==> flow/design.v <==
module core_shft #(
  parameter int W = 16,
  parameter int SBITS = $clog2(W)
) (
  input logic CLK,
  input logic [W-1:0] in_i,
  input logic [SBITS-1:0] dist_in_i,
  output logic [W-1:0] data_out_o
);
  logic [W-1:0] in_d1;
  logic [SBITS-1:0] dist_in_d1;
  always_ff @(posedge CLK) begin
    in_d1 <= in_i;
    dist_in_d1 <= dist_in_i;
  end
  logic [W-1:0] work;
  always_comb begin
    work = in_d1;
    for (int n = 0; n < SBITS; n++)
      if (dist_in_d1[n]) work = work >> (1 << n);
  end
  assign data_out_o = work;
endmodule
Reports on core_shft --
What the tools print for core_shft, step after step. Line numbers count from 1 in the design file above. Library cell names are shortened. Not given: -
Design: top module core_shft, clock port CLK, library sky130hd, corner tt_025C_1v80

Word-level counts --
Yosys after proc, flatten, opt, wreduce and memory -nomap, before mapping. Enables and synchronous resets that opt folds into registers are not counted as muxes. Memory bits, and registers merged into a memory's read port (data or address), are not among the register bits. Print and check cells are not counted. Equal cells are merged and count once.
Word-level totals: word-level cells 6, bits in registers 20, bits of input ports 21, output and inout port bits 16
Cells by class: multiplexer cells 4
Operator list (number):
- 2-to-1 mux 16 bit | 4

Logic depth --
Yosys ltp: most cells in a row. Word level: on the elaborated netlist, between registers, memories and ports. Mapped: between sequential cells and ports; inverters and the memories' decode and read muxes count.
Logic depth: word-level depth 4, ABC_AREA 0, mapped depth 6, depth with buffers taken out 4

Netlist --
Yosys stat after the flow's synthesis: flattened, memories mapped to cells. It holds for the ABC_AREA given above (unset counts as 0); a run with the other value may have another netlist. The area totals of this step are shown rounded.
Cell types:
- dfxtp_1 | number 20, total area 400.384 um^2
- mux4_1 | number 9, total area 236.477 um^2
- mux2i_1 | number 12, total area 120.115 um^2
- nand2_1 | number 10, total area 37.536 um^2
- o21ai_0 | number 5, total area 25.024 um^2
- a22oi_1 | number 3, total area 22.522 um^2
- mux4_2 | number 1, total area 22.522 um^2
- nor2_1 | number 6, total area 22.522 um^2
- buf_12 | number 1, total area 20.019 um^2
- nor3_1 | number 4, total area 20.019 um^2
- and2_1 | number 3, total area 18.768 um^2
- a211oi_1 | number 2, total area 15.014 um^2
- a21oi_1 | number 3, total area 15.014 um^2
- buf_6 | number 1, total area 11.261 um^2
- clkbuf_1 | number 3, total area 11.261 um^2
- a22o_1 | number 1, total area 8.758 um^2
- a31o_1 | number 1, total area 8.758 um^2
- a32oi_1 | number 1, total area 8.758 um^2
Other cell types: 12; their cells: 14.
Synthesis totals: sequential part of the area 400 um^2, flip-flop cells 20, buffer cells 7, cell count 100, synthesis area 1100 um^2

Worst setup path after synthesis --
OpenSTA on the mapped netlist: ideal clock, no wires. The path of least setup slack (recovery checks aside). Input and output delay are each 20% of the period. Register names are those of the netlist, which keeps one name where synthesis merged equal registers.
Timing path post-synthesis: kind reg2out, start point register dist_in_d1[0], end point output port data_out_o[5], output delay 0.468 ns, arrival time 1.495 ns, stages on the path 5, launch time at the first pin 0.000 ns, path delay 1.495 ns, period 2.34 ns, buffers on the path 1, setup slack 0.377 ns, required time 1.872 ns, synthesis period reached 1.963 ns
"path delay" is the arrival time less input delay plus setup time. A path that ends at an output port has no setup time. "stages on the path": output pins that drive a net of the path, with the launching flip-flop's if there is one; two outputs of one cell count as two. "synthesis period reached" is the clock period less the worst setup slack; recovery checks do not enter. This is arithmetic on one report: input and output delays are still those of the set period (20% each). The rows between start and end are the longest chain of elaborated cells between them; the timing report does not say that the signal goes this way. Where chains are equally long, one stands for them. A line is the first line of the expression or statement that the cell stems from. Yosys adds cells for indexed reads and writes and turns some case tables into memories.
Between the ends, post-synthesis: path through dfxtp_1 buf_6 mux4_1 a22o_1 a31o_1, length of the longest elaborated chain 4, elaborated cells between the ends (all ways) 4, source lines of those cells 1, classes of those cells mux: 4
RTL lines, path post-synthesis:
- start, declared | line 11 | logic [SBITS-1:0] dist_in_d1;
- start, assigned | line 14 | dist_in_d1 <= dist_in_i;
- 2-to-1 mux 16 bit (4 in a row) | line 20 | if (dist_in_d1[n]) work = work >> (1 << n);
- end, declared | line 8 | output logic [W-1:0] data_out_o

Path in the finished layout --
Path of least setup slack in the final report of record 1 (OpenROAD, finished layout, wires in). Where an end is a register, its clock arrival counts in the times.
Timing path post-layout: kind reg2out, start point register dist_in_d1[0], end point output port data_out_o[5], launch time at the first pin 0.25 ns, setup slack 0.43 ns, required time 2.75 ns, buffers on the path 2, output delay 0.69 ns, arrival time 2.32 ns, stages on the path 6, period 3.44 ns
The rows between start and end are the longest chain of elaborated cells between them; the timing report does not say that the signal goes this way. Where chains are equally long, one stands for them.
Between the ends, post-layout: path through dfxtp_2 buf_8 mux4_1 a22o_1 a31o_1 clkdlybuf4s50_1, length of the longest elaborated chain 4, elaborated cells between the ends (all ways) 4, source lines of those cells 1, classes of those cells mux: 4
RTL lines, path post-layout:
- start, declared | line 11 | logic [SBITS-1:0] dist_in_d1;
- start, assigned | line 14 | dist_in_d1 <= dist_in_i;
- 2-to-1 mux 16 bit (4 in a row) | line 20 | if (dist_in_d1[n]) work = work >> (1 << n);
- end, declared | line 8 | output logic [W-1:0] data_out_o

Memo
Re: implementation data of core_shft

Stored flow runs of core_shft (3 of them; Yosys, OpenROAD, sky130hd). They differ in their settings and are not a sequence. Constraints: input delay and output delay 20% of the set period each, output load 0.01 pF.
"period reached" means the clock period less the worst setup slack. The figure is calculated, with input and output delays left at 20% of the set period.
"time of the worst setup path" is the time allowed to the run's worst setup path (the clock period less input and output delay, where it has them) less its slack. Clock arrival times count: a late capture clock shortens it, a late launch clock lengthens it.
The results are shown rounded.

[record 1] flow files
==> flow/run.sh <==
#!/bin/bash
# the make line also repeats the synthesis and layout settings of config.mk as NAME=value (left out here)
make -C /OpenROAD-flow-scripts/flow DESIGN_CONFIG=/design/flow/config.mk WORK_HOME=/design/flow/orfs CLKGATE_MAP_FILE= finish
==> flow/config.mk <==
export PLATFORM = sky130hd
export DESIGN_NAME = core_shft
export DESIGN_NICKNAME = core_shft
export VERILOG_FILES = /design/flow/design.v
export SDC_FILE = /design/flow/constraint.sdc
export NUM_CORES = 4
export LEC_CHECK = 0
export CAP_MARGIN = 10
export CELL_PAD_IN_SITES_DETAIL_PLACEMENT = 1
export CORE_ASPECT_RATIO = 1.69
export CORE_MARGIN = 2
export CORE_UTILIZATION = 16
export CTS_CLUSTER_DIAMETER = 298
export CTS_CLUSTER_SIZE = 88
export MIN_ROUTING_LAYER = met1
export SETUP_SLACK_MARGIN = 0.38
export SLEW_MARGIN = 20
export TNS_END_PERCENT = 40
==> flow/constraint.sdc <==
create_clock -name core_clock -period 3.44 [get_ports {CLK}]
set_input_delay 0.6880 -clock core_clock [delete_from_list [all_inputs] [get_ports {CLK}]]
set_output_delay 0.6880 -clock core_clock [all_outputs]
set_load 0.01 [all_outputs]

[record 1] result: time of the worst setup path 2.32 ns; class of the worst setup path reg2out; final design utilization 0.242; total negative slack 0.000 ns; period reached 3.013 ns; mapped cell area after synthesis 1100 um^2; setup slack of the worst path 0.427 ns; overall die area 7580 um^2; worst hold slack 0.879 ns

[record 2] flow files
==> flow/run.sh <==
#!/bin/bash
# the make line also repeats the synthesis and layout settings of config.mk as NAME=value (left out here)
make -C /OpenROAD-flow-scripts/flow DESIGN_CONFIG=/design/flow/config.mk WORK_HOME=/design/flow/orfs CLKGATE_MAP_FILE= finish
==> flow/config.mk <==
export PLATFORM = sky130hd
export DESIGN_NAME = core_shft
export DESIGN_NICKNAME = core_shft
export VERILOG_FILES = /design/flow/design.v
export SDC_FILE = /design/flow/constraint.sdc
export NUM_CORES = 4
export LEC_CHECK = 0
export CAP_MARGIN = 20
export CELL_PAD_IN_SITES_DETAIL_PLACEMENT = 2
export CORE_ASPECT_RATIO = 0.58
export CORE_MARGIN = 6
export CORE_UTILIZATION = 33
export MAX_ROUTING_LAYER = met4
export PLACE_DENSITY = 0.49
export SETUP_SLACK_MARGIN = 0.44
export SLEW_MARGIN = 20
export TNS_END_PERCENT = 90
==> flow/constraint.sdc <==
create_clock -name core_clock -period 1.88 [get_ports {CLK}]
set_input_delay 0.3760 -clock core_clock [delete_from_list [all_inputs] [get_ports {CLK}]]
set_output_delay 0.3760 -clock core_clock [all_outputs]
set_load 0.01 [all_outputs]

[record 2] result: no results, clock tree synthesis failed with DPL-0033

[record 3] flow files
==> flow/run.sh <==
#!/bin/bash
# the make line also repeats the synthesis and layout settings of config.mk as NAME=value (left out here)
make -C /OpenROAD-flow-scripts/flow DESIGN_CONFIG=/design/flow/config.mk WORK_HOME=/design/flow/orfs CLKGATE_MAP_FILE= finish
==> flow/config.mk <==
export PLATFORM = sky130hd
export DESIGN_NAME = core_shft
export DESIGN_NICKNAME = core_shft
export VERILOG_FILES = /design/flow/design.v
export SDC_FILE = /design/flow/constraint.sdc
export NUM_CORES = 4
export LEC_CHECK = 0
export CAP_MARGIN = 20
export CORE_MARGIN = 2
export CORE_UTILIZATION = 40
export SLEW_MARGIN = 20
==> flow/constraint.sdc <==
create_clock -name core_clock -period 2.34 [get_ports {CLK}]
set_input_delay 0.4680 -clock core_clock [delete_from_list [all_inputs] [get_ports {CLK}]]
set_output_delay 0.4680 -clock core_clock [all_outputs]
set_load 0.01 [all_outputs]

[record 3] result: mapped cell area after synthesis 1100 um^2; final design utilization 0.614; setup slack of the worst path -0.127 ns; worst hold slack 0.602 ns; total negative slack -0.319 ns; period reached 2.467 ns; time of the worst setup path 2.00 ns; class of the worst setup path reg2out; overall die area 3190 um^2
